==> flow/design.v <==
module core_switch #(
    parameter int WD = 2
) (
    input  logic ck,
    input  logic valid,
    input  logic [WD-1:0] in_ch0,
    input  logic [WD-1:0] in_ch1,
    input  logic [WD-1:0] in_ch2,
    input  logic [WD-1:0] in_ch3,
    input  logic [1:0] in_select,
    output logic [WD-1:0] out_dout
);
    logic [WD-1:0] ch0_s;
    logic [WD-1:0] ch1_s;
    logic [WD-1:0] ch2_s;
    logic [WD-1:0] ch3_s;
    logic [1:0] select_s;
    always_ff @(posedge ck) begin
        if (valid) begin
            ch0_s <= in_ch0;
            ch1_s <= in_ch1;
            ch2_s <= in_ch2;
            ch3_s <= in_ch3;
            select_s <= in_select;
        end
    end
    logic [WD-1:0] r;
    always_comb begin
        case (select_s)
            2'd0: r = ch0_s;
            2'd1: r = ch1_s;
            2'd2: r = ch2_s;
            default: r = ch3_s;
        endcase
    end
    always_ff @(posedge ck) begin
        if (valid) begin
            out_dout <= r;
        end
    end
endmodule
## From RTL to reports: core_switch

What the tools print for core_switch, step after step.
Line numbers count from 1 in the design file above.
Operators carry their Yosys type and port widths (W data, S select, Z words).
Library cell names are shortened.
Not given: n/a

| inputs | value |
|---|---|
| top | core_switch |
| clock port | ck |
| library | sky130hd |
| library corner | tt_025C_1v80 |

## Elaborated design

Source: Yosys, flattened and elaborated, memories not mapped. Widths are those after wreduce; folded enables and synchronous resets count as part of the registers. Registers that Yosys merges into a memory's read port (data or address) are not register bits. Print and check cells do not count. Equal cells are merged and count once.

| word-level totals | value |
|---|---|
| flip-flop bits (word level) | 12 |
| input bits | 12 |
| output and inout bits | 2 |

| cells by class | value |
|---|---|
| equality and inequality tests | 2 |
| reductions and logical operators | 1 |
| muxes and demuxes | 1 |

Operators by type and width:

| operator | number |
|---|---|
| $pmux W2 S3 | 1 |
| $eq A2 B1 Y1 const B | 1 |
| $eq A2 B2 Y1 const B | 1 |
| $logic_not A2 Y1 | 1 |

## Depth

Yosys ltp: most cells in a row. Word level: on the elaborated netlist, between registers, memories and ports. Mapped: between sequential cells and ports; inverters and the memories' decode and read muxes count.

| depth | value |
|---|---|
| depth in word-level cells | 2 |
| ABC_AREA | 0 |
| gate-level depth with buffers | 1 |

## Synthesis result

Source: synth_stat.txt of the flow (Yosys; design flattened, memories mapped). It holds for the ABC_AREA given above (unset counts as 0); a run with the other value may have another netlist.
The area totals of this step are shown rounded.

| synthesis totals | value |
|---|---|
| flip-flops | 12 |
| buffers | 0 |
| synthesis area | 413 sq um |
| cell count | 14 |

Cells by type:

| cell | number | total area (sq um) |
|---|---|---|
| edfxtp_1 | 12 | 360.346 |
| mux4_1 | 2 | 52.55 |

## Worst setup path after synthesis

Path of least setup slack by OpenSTA after synthesis, without wires, with an ideal clock, recovery checks aside; 20% of the period is set as input and as output delay. Where synthesis merged equal registers, the netlist keeps one of their names.

| timing after synthesis | value |
|---|---|
| kind | reg2reg |
| from | reg select_s[0] |
| to | reg out_dout[0] |
| path delay | 1.144 ns |
| arrival | 0.871 ns |
| stages | 2 |
| setup slack | 0.286 ns |
| time at the first pin | 0.000 ns |
| setup time | 0.273 ns |
| clock period | 1.43 ns |
| synthesis period reached | 1.144 ns |

"path delay" = arrival - input delay + setup time.
"stages" counts driving pins, that of a launching flip-flop among them; a cell with two outputs on the path counts twice.
"synthesis period reached" = period - worst setup slack (recovery checks aside). The figure is calculated, with input and output delays left at 20% of the set period.
Between the ends stands the longest chain of elaborated cells between them, by number of cells; it is not shown to be the way that was timed. Of several equally long chains one is given.
A line is the first line of the expression or statement that the cell stems from. Yosys adds cells for indexed reads and writes and turns some case tables into memories.

| between the ends, after synthesis | value |
|---|---|
| cell sequence | edfxtp_1 mux4_1 |
| length of the longest elaborated chain | 2 |

RTL lines, path after synthesis:

| element | RTL line | RTL |
|---|---|---|
| from (decl) | 17 | `logic [1:0] select_s;` |
| from (assign) | 24 | `select_s <= in_select;` |
| $eq A2 B2 Y1 | 29 | `case (select_s)` |
| $pmux W2 S3 | 29 |  |
| to (assign) | 38 | `out_dout <= r;` |
| to (decl) | 11 | `output logic [WD-1:0] out_dout` |

## Path in the finished layout

Path of least setup slack in the final report of flow run 1 (OpenROAD, finished layout, wires in). Where an end is a register, its clock arrival counts in the times.

| timing post-layout | value |
|---|---|
| kind | reg2reg |
| from | reg select_s[0] |
| to | reg out_dout[1] |
| setup time | 0.26 ns |
| clock period | 1.1 ns |
| stages | 2 |
| time at the first pin | 0.27 ns |
| setup slack | -0.09 ns |
| arrival | 1.19 ns |

Between the ends stands the longest chain of elaborated cells between them, by number of cells; it is not shown to be the way that was timed. Of several equally long chains one is given.

| between the ends, post-layout | value |
|---|---|
| cell sequence | edfxtp_1 mux4_2 |
| length of the longest elaborated chain | 2 |

RTL lines, path post-layout:

| element | RTL line | RTL |
|---|---|---|
| from (decl) | 17 | `logic [1:0] select_s;` |
| from (assign) | 24 | `select_s <= in_select;` |
| $eq A2 B2 Y1 | 29 | `case (select_s)` |
| $pmux W2 S3 | 29 |  |
| to (assign) | 38 | `out_dout <= r;` |
| to (decl) | 11 | `output logic [WD-1:0] out_dout` |

Stored flow runs of core_switch (3 of them; Yosys, OpenROAD, sky130hd). They differ in their settings and are not a sequence. Constraints: input delay and output delay 20% of the set period each, output load 0.01 pF.
"reached clock period" = clock period - worst setup slack. The figure is calculated, with input and output delays left at 20% of the set period.
"worst setup path time" means the part of the period allowed to the worst setup path (the constraints hold back 20% at inputs and 20% at outputs) less its slack; where the path has registers, the arrival times of their clocks count too.
"total power of the final layout": no workload was simulated; the value follows from the tool's default switching activity.
The results are shown rounded.
Among the settings, . means not set for that run.
Results: . = not shown.

| stored run | period_ns | CORE_UTILIZATION | SETUP_SLACK_MARGIN | PLACE_DENSITY_LB_ADDON | HOLD_SLACK_MARGIN | CORE_ASPECT_RATIO | CELL_PAD_IN_SITES_GLOBAL_PLACEMENT | CELL_PAD_IN_SITES_DETAIL_PLACEMENT | GPL_ROUTABILITY_DRIVEN | SLEW_MARGIN | MAX_ROUTING_LAYER | CAP_MARGIN | CORE_MARGIN | ABC_AREA | cell area after synthesis (sq um) | overall die area (sq um) | area of the standard cells in the finished layout (sq um) | utilization (%) | smallest setup slack (ns) | sum of negative setup slack (ns) | worst hold slack in the final report (ns) | total power of the final layout (uW) | reached clock period (ns) | worst setup path time (ns) | worst setup path kind |
|---|---|---|---|---|---|---|---|---|---|---|---|---|---|---|---|---|---|---|---|---|---|---|---|---|---|
| flow run 1 | 1.1 | 24 | 0.28 | 0.02 | 0.09 | 1.69 | 2 | 0 | 1 | 30 | met4 | 20 | 2 | . | 413 | 2080 | 626 | 38.7 | -0.089 | -0.173 | 0.482 | 913 | 1.189 | 1.19 | reg2reg |
| flow run 2 | 1.43 | 40 | . | . | . | . | . | . | . | 20 | . | 20 | 2 | . | 413 | 1310 | 598 | 63.0 | 0.229 | 0.000 | 0.586 | 656 | 1.201 | 1.20 | reg2reg |
| flow run 3 | 1.1 | 56 | 0.25 | 0.0 | . | . | 2 | . | . | 20 | . | 20 | 2 | 1 | . | . | . | . | . | . | . | . | . | . | . |

Flow run 3: stopped before the end: floorplanning reported PDN-0185
